==> flow/design.v <==
module sync_addsub_mod #(
    parameter integer W = 56
) (
    input  logic clk_i,
    input  logic rst_ni,
    input  logic valid,
    input  logic signed [W-1:0] arg0,
    input  logic signed [W-1:0] arg1,
    input  logic mode,
    output logic [W-1:0] q,
    output logic cy
);
    logic signed [W-1:0] arg0_reg;
    logic signed [W-1:0] arg1_reg;
    logic mode_reg;
    always_ff @(posedge clk_i or negedge rst_ni) begin
        if (!rst_ni) begin
            arg0_reg <= 0;
            arg1_reg <= 0;
            mode_reg <= 1'b0;
        end else if (valid) begin
            arg0_reg <= arg0;
            arg1_reg <= arg1;
            mode_reg <= mode;
        end
    end
    logic [W-1:0] w2;
    assign w2 = arg1_reg ^ {W{mode_reg}};
    logic [W-1:0] cur;
    assign cur = $unsigned(arg0_reg) + w2 + mode_reg;
    assign q = cur[W-1:0];
    assign cy = (arg0_reg[W-1] == w2[W-1]) && (cur[W-1] != arg0_reg[W-1]);
endmodule
* From RTL to reports: sync_addsub_mod
The steps from the RTL of sync_addsub_mod to its reports follow in flow order.
Line numbers count from 1 in the design file above.
Cell names lack the library's common part.
Not given: -
- Top module :: sync_addsub_mod
- Clock :: clk_i
- Library :: sky130hd
- Corner :: tt_025C_1v80

* Word level
Yosys after proc, flatten, opt, wreduce and memory -nomap, before mapping. Enables and synchronous resets that opt folds into registers are not counted as muxes. Memory bits, and registers merged into a memory's read port (data or address), are not among the register bits. Print and check cells are not counted. Equal cells are merged and count once.
- Flip-flop bits (word level) :: 113
- Bits of input ports :: 116
- Output and inout port bits :: 57
- Word-level cells :: 9
- Add/subtract/negate cells :: 2
- Eq/ne operators :: 2
- Bitwise operators :: 1
- Reduce/logical cells :: 1
** Operator list (number)
- adder 56 x 1 -> 56 bit :: 1
- adder 56 bit :: 1
- bitwise XOR 56 bit :: 1
- == test 1 bit :: 1
- != test 1 bit :: 1
- logical AND 1 bit :: 1

* Logic depth
Yosys ltp: most cells in a row. Word level: on the elaborated netlist, between registers, memories and ports. Mapped: between sequential cells and ports; inverters and the memories' decode and read muxes count.
- Depth after elaboration :: 5
- ABC_AREA :: 0
- Depth in mapped cells :: 13

* Synthesis result
The flow's flattened synthesis, as Yosys stat reports it; memories are mapped. The netlist is that of the ABC_AREA named above (0 if unset); the other value can give another one.
The area totals of this step are shown rounded.
** Cell types (number)
- dfrtp_1 :: 113
- mux2_2 :: 112
- ha_1 :: 54
- xor2_1 :: 72
- a21oi_1 :: 72
- xnor2_1 :: 34
- o21ai_0 :: 41
- nand2_1 :: 54
- a21o_1 :: 25
- nor2_1 :: 34
- clkbuf_1 :: 27
- nand4_1 :: 15
- o21bai_1 :: 12
- inv_1 :: 19
- nand3_1 :: 13
- and2_1 :: 8
- nor3_1 :: 10
- o21a_1 :: 6
Not listed: further types 44, cells in them 94.
- Cells in the netlist :: 815
- Synthesis area :: 8100 µm²
- Area of sequential cells :: 2800 µm²
- Mapped flip-flops :: 113

* Timing after synthesis
Path of least setup slack by OpenSTA after synthesis, without wires, with an ideal clock, recovery checks aside; 20% of the period is set as input and as output delay. Where synthesis merged equal registers, the netlist keeps one of their names.
- Path type :: flip-flop to output port
- Start :: register mode_reg
- End :: output q[45]
- Clock period :: 5.45 ns
- Output delay :: 1.090 ns
- Launch time at the first pin :: 0.000 ns
- Arrival time :: 3.491 ns
- Required time :: 4.360 ns
- Slack :: 0.869 ns
- Path delay :: 3.491 ns
- Stages :: 14
- Period reached after synthesis :: 4.581 ns
"path delay" = arrival - input delay + setup time.
A path that ends at an output port has no setup time.
"stages": output pins that drive a net of the path, with the launching flip-flop's if there is one; two outputs of one cell count as two.
"period reached after synthesis" is the clock period less the worst setup slack; recovery checks do not enter. This is arithmetic on one report: input and output delays are still those of the set period (20% each).
Between the ends stands the longest chain of elaborated cells between them, by number of cells; it is not shown to be the way that was timed. Of several equally long chains one is given.
A line is the first line of the expression or statement that the cell stems from. Yosys adds cells for indexed reads and writes and turns some case tables into memories.
- Cell sequence :: dfrtp_1 buf_1 clkbuf_1 xor2_1 ha_1 clkbuf_2 and3_1 o2111ai_1 o21ai_1 o21ai_0 a2111o_1 a21oi_2 nor2_1 a311oi_1
- Cells in the longest elaborated chain :: 3
- Elaborated cells between the ends (all ways) :: 3
- Those cells by class :: 2 x add/sub; 1 x logic
** Ends and longest elaborated chain, after synthesis
- start, declared :: line 15 : logic mode_reg;
- start, assigned :: line 20 : mode_reg <= 1'b0;
- start, assigned :: line 24 : mode_reg <= mode;
- bitwise XOR 56 bit :: line 28 : assign w2 = arg1_reg ^ {W{mode_reg}};
- adder 56 bit :: line 30 : assign cur = $unsigned(arg0_reg) + w2 + mode_reg;
- adder 56 x 1 -> 56 bit :: line 30
- end, declared :: line 10 : output logic [W-1:0] q,

* Path in the finished layout
Path of least setup slack in the final report of run 1 (OpenROAD, finished layout, wires in). Where an end is a register, its clock arrival counts in the times.
- Path type :: flip-flop to output port
- Start :: register mode_reg
- End :: output q[43]
- Clock period :: 6.5 ns
- Output delay :: 1.30 ns
- Launch time at the first pin :: 0.46 ns
- Arrival time :: 4.30 ns
- Required time :: 5.20 ns
- Slack :: 0.90 ns
- Stages :: 13
Between the ends stands the longest chain of elaborated cells between them, by number of cells; it is not shown to be the way that was timed. Of several equally long chains one is given.
- Cell sequence :: dfrtp_4 buf_6 xor2_1 ha_1 o21a_2 o2111ai_1 o211ai_1 nand2_2 nand3b_1 a211o_1 a21oi_1 xnor2_1 clkdlybuf4s50_1
- Cells in the longest elaborated chain :: 3
- Elaborated cells between the ends (all ways) :: 3
- Those cells by class :: 2 x add/sub; 1 x logic
** Ends and longest elaborated chain, after layout
- start, declared :: line 15 : logic mode_reg;
- start, assigned :: line 20 : mode_reg <= 1'b0;
- start, assigned :: line 24 : mode_reg <= mode;
- bitwise XOR 56 bit :: line 28 : assign w2 = arg1_reg ^ {W{mode_reg}};
- adder 56 bit :: line 30 : assign cur = $unsigned(arg0_reg) + w2 + mode_reg;
- adder 56 x 1 -> 56 bit :: line 30
- end, declared :: line 10 : output logic [W-1:0] q,

Wiki page: sync_addsub_mod / flow data

3 stored runs of sync_addsub_mod in the flow (synthesis by Yosys, layout by OpenROAD, sky130hd cells), in arbitrary order. Constraints: input delay and output delay 20% of the set period each, output load 0.01 pF.
By "period achieved" is meant the clock period of the run minus its worst setup slack. This is arithmetic on one report: input and output delays are still those of the set period (20% each).
"total power after layout" rests on the timing tool's default activity at the inputs, not on a simulated workload.
Results are given in rounded form.

* Run 1
** Files
==> flow/run.sh <==
#!/bin/bash
# the make line also repeats the synthesis and layout settings of config.mk as NAME=value (left out here)
make -C /OpenROAD-flow-scripts/flow DESIGN_CONFIG=/design/flow/config.mk WORK_HOME=/design/flow/orfs CLKGATE_MAP_FILE= finish
==> flow/config.mk <==
export PLATFORM = sky130hd
export DESIGN_NAME = sync_addsub_mod
export DESIGN_NICKNAME = sync_addsub_mod
export VERILOG_FILES = /design/flow/design.v
export SDC_FILE = /design/flow/constraint.sdc
export NUM_CORES = 4
export LEC_CHECK = 0
export CAP_MARGIN = 20
export CELL_PAD_IN_SITES_DETAIL_PLACEMENT = 2
export CELL_PAD_IN_SITES_GLOBAL_PLACEMENT = 2
export CORE_MARGIN = 2
export CORE_UTILIZATION = 17
export CTS_CLUSTER_DIAMETER = 130
export GPL_ROUTABILITY_DRIVEN = 1
export GPL_TIMING_DRIVEN = 1
export MAX_ROUTING_LAYER = met4
export PLACE_DENSITY = 0.72
export SETUP_SLACK_MARGIN = 0.99
export SLEW_MARGIN = 20
export TNS_END_PERCENT = 40
==> flow/constraint.sdc <==
create_clock -name core_clock -period 6.5 [get_ports {clk_i}]
set_input_delay 1.3000 -clock core_clock [delete_from_list [all_inputs] [get_ports {clk_i}]]
set_output_delay 1.3000 -clock core_clock [all_outputs]
set_load 0.01 [all_outputs]
** Results
- Period achieved :: 5.605 ns
- Full die area :: 50000 µm²
- Setup slack of the worst path :: 0.90 ns
- Area of the synthesized netlist :: 8100 µm²
- Final design utilization :: 25 %
- Total power after layout :: 4000 uW

* Run 2
** Files
==> flow/run.sh <==
#!/bin/bash
# the make line also repeats the synthesis and layout settings of config.mk as NAME=value (left out here)
make -C /OpenROAD-flow-scripts/flow DESIGN_CONFIG=/design/flow/config.mk WORK_HOME=/design/flow/orfs CLKGATE_MAP_FILE= finish
==> flow/config.mk <==
export PLATFORM = sky130hd
export DESIGN_NAME = sync_addsub_mod
export DESIGN_NICKNAME = sync_addsub_mod
export VERILOG_FILES = /design/flow/design.v
export SDC_FILE = /design/flow/constraint.sdc
export NUM_CORES = 4
export LEC_CHECK = 0
export CAP_MARGIN = 20
export CELL_PAD_IN_SITES_DETAIL_PLACEMENT = 0
export CELL_PAD_IN_SITES_GLOBAL_PLACEMENT = 0
export CORE_ASPECT_RATIO = 1.32
export CORE_MARGIN = 2
export CORE_UTILIZATION = 67
export CTS_CLUSTER_DIAMETER = 306
export CTS_CLUSTER_SIZE = 20
export PLACE_DENSITY = 0.84
export SETUP_SLACK_MARGIN = 2.09
export SLEW_MARGIN = 10
==> flow/constraint.sdc <==
create_clock -name core_clock -period 8.5 [get_ports {clk_i}]
set_input_delay 1.7000 -clock core_clock [delete_from_list [all_inputs] [get_ports {clk_i}]]
set_output_delay 1.7000 -clock core_clock [all_outputs]
set_load 0.01 [all_outputs]
** Results
- Period achieved :: 6.356 ns
- Full die area :: 13000 µm²
- Setup slack of the worst path :: 2.1 ns
- Area of the synthesized netlist :: 8100 µm²
- Final design utilization :: 88 %
- Total power after layout :: 2900 uW

* Run 3
** Files
==> flow/run.sh <==
#!/bin/bash
# the make line also repeats the synthesis and layout settings of config.mk as NAME=value (left out here)
make -C /OpenROAD-flow-scripts/flow DESIGN_CONFIG=/design/flow/config.mk WORK_HOME=/design/flow/orfs CLKGATE_MAP_FILE= finish
==> flow/config.mk <==
export PLATFORM = sky130hd
export DESIGN_NAME = sync_addsub_mod
export DESIGN_NICKNAME = sync_addsub_mod
export VERILOG_FILES = /design/flow/design.v
export SDC_FILE = /design/flow/constraint.sdc
export NUM_CORES = 4
export LEC_CHECK = 0
export CAP_MARGIN = 20
export CORE_MARGIN = 2
export CORE_UTILIZATION = 40
export SLEW_MARGIN = 20
==> flow/constraint.sdc <==
create_clock -name core_clock -period 5.45 [get_ports {clk_i}]
set_input_delay 1.0900 -clock core_clock [delete_from_list [all_inputs] [get_ports {clk_i}]]
set_output_delay 1.0900 -clock core_clock [all_outputs]
set_load 0.01 [all_outputs]
** Results
- Period achieved :: 5.269 ns
- Full die area :: 21000 µm²
- Setup slack of the worst path :: 0.18 ns
- Area of the synthesized netlist :: 8100 µm²
- Final design utilization :: 54 %
- Total power after layout :: 4600 uW
